==> flow/design.v <==
module my_add_p #(
    parameter DW = 24,
    parameter INPUTS = 3,
    parameter SUM_W = DW + $clog2(INPUTS)
) (
    input logic core_clk,
    input logic rst_n,
    input logic ce,
    input logic [INPUTS*DW-1:0] bus,
    output logic [SUM_W-1:0] sum
);
    logic [SUM_W-1:0] work;
    always_comb begin
        work = '0;
        for (int idx = 0; idx < INPUTS; idx++)
            work = work + bus[idx*DW +: DW];
    end
    logic [SUM_W-1:0] sum_r;
    always_ff @(posedge core_clk or negedge rst_n) begin
        if (!rst_n) begin
            sum_r <= '0;
        end else if (ce) begin
            sum_r <= work;
        end
    end
    assign sum = sum_r;
endmodule
Step by step through the tools: my_add_p
The steps from the RTL of my_add_p to its reports follow in flow order.
Line numbers count from 1 in the design file above.
Cell names lack the library's common part.
A cell with n/a has no value.

design
  design top = my_add_p
  clock port = core_clk
  library = sky130hd
  library corner = tt_025C_1v80

After elaboration
Source: Yosys, flattened and elaborated, memories not mapped. Widths are those after wreduce; folded enables and synchronous resets count as part of the registers. Registers that Yosys merges into a memory's read port (data or address) are not register bits. Print and check cells do not count. Equal cells are merged and count once.

bit counts
  register bits after elaboration = 26
  bits in latches = 0
  memory bits (writable) = 0
  memory bits (read-only) = 0
  clocked read ports x word width = 0
  memories = 0
  input port bits = 75
  output and inout bits = 26
  elaborated cells = 3

operators by class
  $add $sub $neg = 2
  $mul = 0
  div/mod/pow operators = 0
  $lt $le $gt $ge = 0
  equality and inequality tests = 0
  shift operators = 0
  multiplexer cells = 0
  bitwise operators = 0
  reductions and logical operators = 0

operators by type and width
  cell                     number
  adder 25 x 24 -> 26 bit  1
  adder 24 x 24 -> 25 bit  1

Longest topological paths
Longest topological path by Yosys (ltp), each cell counted once; first at word level (registers and memories cut), then after technology mapping (sequential cells cut; the memories' decode and read muxes count).

logic depth
  word-level depth = 2
  ABC_AREA = 0
  mapped depth = 11
  depth with buffers taken out = 11

Netlist
The flow's flattened synthesis, as Yosys stat reports it; memories are mapped. The netlist is that of the ABC_AREA named above (0 if unset); the other value can give another one.

cell types
  cell      number  area in all (um^2)
  dfrtp_1   26      650.624
  fa_1      25      500.48
  ha_1      23      287.776
  a21oi_1   25      125.12
  mux2_2    11      123.869
  nand2_1   23      86.333
  o21ai_0   15      75.072
  o21a_1    9       67.565
  xnor2_1   7       61.309
  a21o_1    7       52.55
  xor2_1    6       52.55
  nor2_1    12      45.043
  o211ai_1  6       45.043
  a211o_1   5       43.792
  inv_1     9       33.782
  and3_1    5       31.28
  a211oi_1  4       30.029
  o221ai_1  3       26.275

Other cell types: 29; their cells: 46.

synthesis totals
  cell count = 267
  cell area after synthesis = 2652.5 um^2
  sequential area = 650.6 um^2
  flip-flop cells = 26
  buffer cells = 7

Timing after synthesis
Source: OpenSTA report_checks on the synthesized netlist (no wires, ideal clock, input and output delay 20% of the period each), path of least setup slack; recovery checks are left aside. Register names are those of the netlist, which keeps one name where synthesis merged equal registers.

timing after synthesis
  kind = in2reg
  from = input port bus[1]
  to = register sum_r[21]
  period = 3.78 ns
  input delay = 0.756 ns
  library setup time = 0.092 ns
  launch time at the first pin = 0.756 ns
  arrival = 3.085 ns
  data required time = 3.688 ns
  path slack = 0.604 ns
  delay of the path = 2.421 ns
  driving pins on the path = 9
  buffers on the path = 0
  synthesis period reached = 3.176 ns

"delay of the path" is the arrival time less input delay plus setup time.
"driving pins on the path" counts driving pins, that of a launching flip-flop among them; a cell with two outputs on the path counts twice.
"synthesis period reached" is the clock period less the worst setup slack; recovery checks do not enter. This is arithmetic on one report: input and output delays are still those of the set period (20% each).
Between the ends stands the longest chain of elaborated cells between them, by number of cells; it is not shown to be the way that was timed. Of several equally long chains one is given.
A line is the first line of the expression or statement that the cell stems from. Yosys adds cells for indexed reads and writes and turns some case tables into memories.

between the ends, after synthesis
  path through = fa_1 ha_1 fa_1 a21o_1 a221oi_2 a21oi_2 o211a_1 o21a_1 o31ai_2
  cells in the longest elaborated chain = 2
  elaborated cells between the ends (all ways) = 2
  RTL lines with such cells = 1
  those cells by class = 2 x add/sub

RTL lines, path after synthesis
  what                     line  text
  start, declared          9     input logic [INPUTS*DW-1:0] bus,
  adder 24 x 24 -> 25 bit  16    work = work + bus[idx*DW +: DW];
  adder 25 x 24 -> 26 bit  16
  end, assigned            21    sum_r <= '0;
  end, assigned            23    sum_r <= work;
  end, declared            18    logic [SUM_W-1:0] sum_r;

Timing after layout
From the final timing report of entry A: the path of least setup slack in the routed layout; clock arrival at registers is part of the times.

timing post-layout
  kind = in2reg
  from = input port bus[50]
  to = register sum_r[21]
  period = 2.84 ns
  input delay = 0.57 ns
  library setup time = 0.09 ns
  launch time at the first pin = 0.57 ns
  arrival = 3.03 ns
  data required time = 3.01 ns
  path slack = -0.02 ns
  driving pins on the path = 10
  buffers on the path = 2

Between the ends stands the longest chain of elaborated cells between them, by number of cells; it is not shown to be the way that was timed. Of several equally long chains one is given.

between the ends, post-layout
  path through = buf_6 fa_2 buf_6 fa_2 a21o_1 a221oi_4 a21oi_4 o211a_1 o21a_1 o31ai_2
  cells in the longest elaborated chain = 1
  elaborated cells between the ends (all ways) = 1
  RTL lines with such cells = 1
  those cells by class = 1 x add/sub

RTL lines, path post-layout
  what                     line  text
  start, declared          9     input logic [INPUTS*DW-1:0] bus,
  adder 25 x 24 -> 26 bit  16    work = work + bus[idx*DW +: DW];
  end, assigned            21    sum_r <= '0;
  end, assigned            23    sum_r <= work;
  end, declared            18    logic [SUM_W-1:0] sum_r;

Design my_add_p on sky130hd. What follows are 3 stored runs of the flow, each under its own settings; their order means nothing. The constraints put input and output delay at 20% of the set period each and load the outputs with 0.01 pF.
"achieved clock period (ns)" means the clock period less the worst setup slack. The figure is calculated, with input and output delays left at 20% of the set period.
"worst setup path time (ns)" is the time allowed to the run's worst setup path (the clock period less input and output delay, where it has them) less its slack. Clock arrival times count: a late capture clock shortens it, a late launch clock lengthens it.
By "finish__power__total" is meant OpenSTA's value without simulated activity: inputs other than the clock are taken to toggle once in ten clock periods, and the tool carries that through the logic.

settings of entry A
{
  "period_ns": 2.84,
  "CORE_UTILIZATION": 21,
  "SETUP_SLACK_MARGIN": 0.64,
  "PLACE_DENSITY_LB_ADDON": 0.29,
  "CORE_ASPECT_RATIO": 1.87,
  "GPL_ROUTABILITY_DRIVEN": 1,
  "CTS_CLUSTER_SIZE": 28,
  "MAX_ROUTING_LAYER": "met5",
  "CAP_MARGIN": 20,
  "CORE_MARGIN": 2,
  "SLEW_MARGIN": 20
}
report of entry A
yosys chip area after synthesis (um^2): 2652.5
finish__design__die__area: 13590.5
finish__design__instance__area__stdcell: 5134.9
finish__design__instance__utilization: 0.4117
finish__timing__setup__ws: -0.017
finish__timing__setup__tns: -0.017
finish__timing__hold__ws: 0.508
finish__power__total: 3.053e-03
achieved clock period (ns): 2.857
worst setup path time (ns): 2.29
worst setup path kind: in2reg

settings of entry B
{
  "period_ns": 5.34,
  "CORE_UTILIZATION": 41,
  "CORE_ASPECT_RATIO": 0.89,
  "CORE_MARGIN": 5,
  "CELL_PAD_IN_SITES_GLOBAL_PLACEMENT": 3,
  "ABC_AREA": 0,
  "GPL_ROUTABILITY_DRIVEN": 0,
  "CTS_CLUSTER_DIAMETER": 309,
  "CAP_MARGIN": 35,
  "SLEW_MARGIN": 25,
  "MIN_ROUTING_LAYER": "met1"
}
report of entry B: did not finish, place, GPL-0301

settings of entry C
{
  "period_ns": 3.78,
  "CAP_MARGIN": 20,
  "CORE_MARGIN": 2,
  "CORE_UTILIZATION": 40,
  "SLEW_MARGIN": 20
}
report of entry C
yosys chip area after synthesis (um^2): 2652.5
finish__design__die__area: 7299.1
finish__design__instance__area__stdcell: 3839.9
finish__design__instance__utilization: 0.6013
finish__timing__setup__ws: 0.255
finish__timing__setup__tns: 0.000
finish__timing__hold__ws: 0.494
finish__power__total: 1.676e-03
achieved clock period (ns): 3.525
worst setup path time (ns): 2.77
worst setup path kind: in2reg
